==> flow/design.v <==
module ex_mult #(
  parameter integer BITS = 40,
  parameter integer SCALE = 11585,
  parameter integer RES_W = BITS + $clog2(SCALE + 1)
) (
  input  logic core_clk,
  input  logic [BITS-1:0] u,
  output logic [RES_W-1:0] res
);
  logic [BITS-1:0] u_s;
  always_ff @(posedge core_clk)
    u_s <= u;
  always_ff @(posedge core_clk)
    res <= u_s * SCALE;
endmodule
## Reports on ex_mult

Tool output for the design above, in the order of the flow.
Lines are those of the file above, counted from 1.
Cell names lack the library's common part.
A cell with -- has no value.

| inputs | value |
|---|---|
| top module | ex_mult |
| clock input | core_clk |
| library | sky130hd |
| timing corner | tt_025C_1v80 |

## Elaborated design

Source: Yosys, flattened and elaborated, memories not mapped. Widths are those after wreduce; folded enables and synchronous resets count as part of the registers. Registers that Yosys merges into a memory's read port (data or address) are not register bits. Print and check cells do not count. Equal cells are merged and count once.

| bit counts | value |
|---|---|
| bits in registers | 94 |
| bits of input ports | 41 |
| output and inout bits | 54 |
| cells after elaboration | 3 |

| cells by class | value |
|---|---|
| $mul | 1 |

Operators by type and width:

| operator | number |
|---|---|
| 40-bit by 14-bit multiplier with 54-bit output (second input constant) | 1 |

## Logic depth

Yosys ltp: most cells in a row. Word level: on the elaborated netlist, between registers, memories and ports. Mapped: between sequential cells and ports; inverters and the memories' decode and read muxes count.

| depth | value |
|---|---|
| depth in word-level cells | 1 |
| ABC_AREA | 0 |
| mapped depth | 20 |
| gate-level depth less buffers | 19 |

## Synthesis result

Yosys stat after the flow's synthesis: flattened, memories mapped to cells. It holds for the ABC_AREA given above (unset counts as 0); a run with the other value may have another netlist.
The area totals of this step are shown rounded.

| synthesis totals | value |
|---|---|
| mapped cells | 1054 |
| cell area after synthesis | 10400 µm² |
| sequential part of the area | 1880 µm² |
| flip-flop cells | 94 |
| buffer cells | 18 |

Cell types:

| cell | number | total area (µm²) |
|---|---|---|
| fa_1 | 132 | 2.64E+03 |
| ha_1 | 204 | 2.55E+03 |
| dfxtp_1 | 94 | 1.88E+03 |
| inv_1 | 269 | 1.01E+03 |
| xnor2_1 | 27 | 236.477 |
| xor2_1 | 25 | 218.96 |
| a21oi_1 | 42 | 210.202 |
| a21o_1 | 27 | 202.694 |
| nand2_1 | 38 | 142.637 |
| nor2_1 | 35 | 131.376 |
| o21ai_0 | 25 | 125.12 |
| nand4_1 | 13 | 81.328 |
| o21bai_1 | 9 | 67.565 |
| a21oi_2 | 7 | 61.309 |
| a211oi_1 | 7 | 52.55 |
| clkbuf_1 | 14 | 52.55 |
| o211ai_1 | 7 | 52.55 |
| nand3_1 | 10 | 50.048 |

Not listed: further types 40, cells in them 69.

## Worst setup path after synthesis

Source: OpenSTA report_checks on the synthesized netlist (no wires, ideal clock, input and output delay 20% of the period each), path of least setup slack; recovery checks are left aside. Register names are those of the netlist, which keeps one name where synthesis merged equal registers.

| timing path after synthesis | value |
|---|---|
| kind | reg2reg |
| start | reg u_s[17] |
| end | reg res[51] |
| period | 6.3 ns |
| library setup time | 0.062 ns |
| time at the first pin | 0.000 ns |
| arrival time | 4.974 ns |
| data required time | 6.238 ns |
| slack | 1.264 ns |
| path delay | 5.036 ns |
| stages on the path | 20 |
| buffers on the path | 0 |
| synthesis period reached | 5.036 ns |

"path delay" is the arrival time less input delay plus setup time.
"stages on the path" counts driving pins, that of a launching flip-flop among them; a cell with two outputs on the path counts twice.
"synthesis period reached" is the clock period less the worst setup slack; recovery checks do not enter. This is arithmetic on one report: input and output delays are still those of the set period (20% each).
The rows between start and end are the longest chain of elaborated cells between them; the timing report does not say that the signal goes this way. Where chains are equally long, one stands for them.
Each line given opens the expression or statement behind the cell; cells for indexed reads and writes are added by Yosys, which also makes memories of some case tables.

| on the way, after synthesis | value |
|---|---|
| cells stage by stage | dfxtp_1 ha_1 inv_1 fa_1 inv_1 fa_1 fa_1 ha_1 inv_1 fa_1 inv_1 ha_1 a21oi_2 o21ai_0 a221oi_2 a21oi_1 a21oi_2 o31ai_4 or4_1 nand3_1 |
| length of the longest elaborated chain | 1 |
| elaborated cells between the ends (all ways) | 1 |
| RTL lines with such cells | 1 |
| those cells by class | 1 x mul |

Ends and longest elaborated chain, after synthesis:

| element | line | RTL |
|---|---|---|
| from (decl) | 10 | `logic [BITS-1:0] u_s;` |
| from (assign) | 12 | `u_s <= u;` |
| 40-bit by 14-bit multiplier with 54-bit output | 14 | `res <= u_s * SCALE;` |
| to (assign) | 14 |  |
| to (decl) | 8 | `output logic [RES_W-1:0] res` |

## Timing after layout

From the final timing report of entry A: the path of least setup slack in the routed layout; clock arrival at registers is part of the times.

| timing path after layout | value |
|---|---|
| kind | reg2reg |
| start | reg u_s[20] |
| end | reg res[51] |
| period | 6.3 ns |
| library setup time | 0.05 ns |
| time at the first pin | 0.36 ns |
| arrival time | 5.98 ns |
| data required time | 6.60 ns |
| slack | 0.63 ns |
| stages on the path | 20 |
| buffers on the path | 0 |

The rows between start and end are the longest chain of elaborated cells between them; the timing report does not say that the signal goes this way. Where chains are equally long, one stands for them.

| on the way, after layout | value |
|---|---|
| cells stage by stage | dfxtp_1 ha_1 inv_1 fa_1 inv_1 fa_1 fa_1 ha_1 inv_1 fa_1 inv_1 ha_1 a21oi_1 o21ai_0 a221oi_2 o311ai_4 a21oi_2 o31ai_4 or4_1 nand3_1 |
| length of the longest elaborated chain | 1 |
| elaborated cells between the ends (all ways) | 1 |
| RTL lines with such cells | 1 |
| those cells by class | 1 x mul |

Ends and longest elaborated chain, after layout:

| element | line | RTL |
|---|---|---|
| from (decl) | 10 | `logic [BITS-1:0] u_s;` |
| from (assign) | 12 | `u_s <= u;` |
| 40-bit by 14-bit multiplier with 54-bit output | 14 | `res <= u_s * SCALE;` |
| to (assign) | 14 |  |
| to (decl) | 8 | `output logic [RES_W-1:0] res` |

Subject: ex_mult on sky130hd, stored results

Hello all,

3 stored runs of ex_mult in the flow (synthesis by Yosys, layout by OpenROAD, sky130hd cells), in arbitrary order. Constraints: input delay and output delay 20% of the set period each, output load 0.01 pF.
By "period achieved" is meant the clock period of the run minus its worst setup slack. This is arithmetic on one report: input and output delays are still those of the set period (20% each).
"critical setup path time" means the part of the period allowed to the worst setup path (the constraints hold back 20% at inputs and 20% at outputs) less its slack; where the path has registers, the arrival times of their clocks count too.
The measured numbers are rounded.
Among the settings, - means not set for that run.
Among the results, - means that no value is shown for the run.

| name | entry A | entry B | entry C |
|---|---|---|---|
| period_ns | 6.3 | 8.67 | 4.27 |
| CAP_MARGIN | 20 | 20 | 20 |
| CORE_MARGIN | 2 | 10 | 2 |
| CORE_UTILIZATION | 40 | 72 | 57 |
| SLEW_MARGIN | 20 | 20 | 35 |
| PLACE_DENSITY | - | 0.95 | - |
| CELL_PAD_IN_SITES_GLOBAL_PLACEMENT | - | 1 | - |
| TNS_END_PERCENT | - | 10 | - |
| GPL_ROUTABILITY_DRIVEN | - | 1 | - |
| CTS_CLUSTER_DIAMETER | - | 302 | - |
| MIN_ROUTING_LAYER | - | met2 | - |
| MAX_ROUTING_LAYER | - | met5 | met4 |
| SETUP_SLACK_MARGIN | - | - | 0.14 |
| PLACE_DENSITY_LB_ADDON | - | - | 0.22 |
| CORE_ASPECT_RATIO | - | - | 0.51 |
| CELL_PAD_IN_SITES_DETAIL_PLACEMENT | - | - | 0 |
| total die area (µm²) | 27200 | - | 19300 |
| critical setup path time (ns) | 5.67 | - | 5.33 |
| worst path kind | reg2reg | - | reg2reg |
| final setup TNS (ns) | 0.000 | - | -27.1 |
| period achieved (ns) | 5.675 | - | 5.332 |
| setup slack of the critical path (ns) | 0.625 | - | -1.06 |
| standard-cell area of the final layout (µm²) | 11900 | - | 15200 |
| post-route utilization | 0.471 | - | 0.851 |
| worst hold slack after layout (ns) | 0.386 | - | 0.406 |
| cell area after synthesis (µm²) | 10400 | - | 10400 |

Entry B: not finished: placement ended with error GPL-0301

Thanks
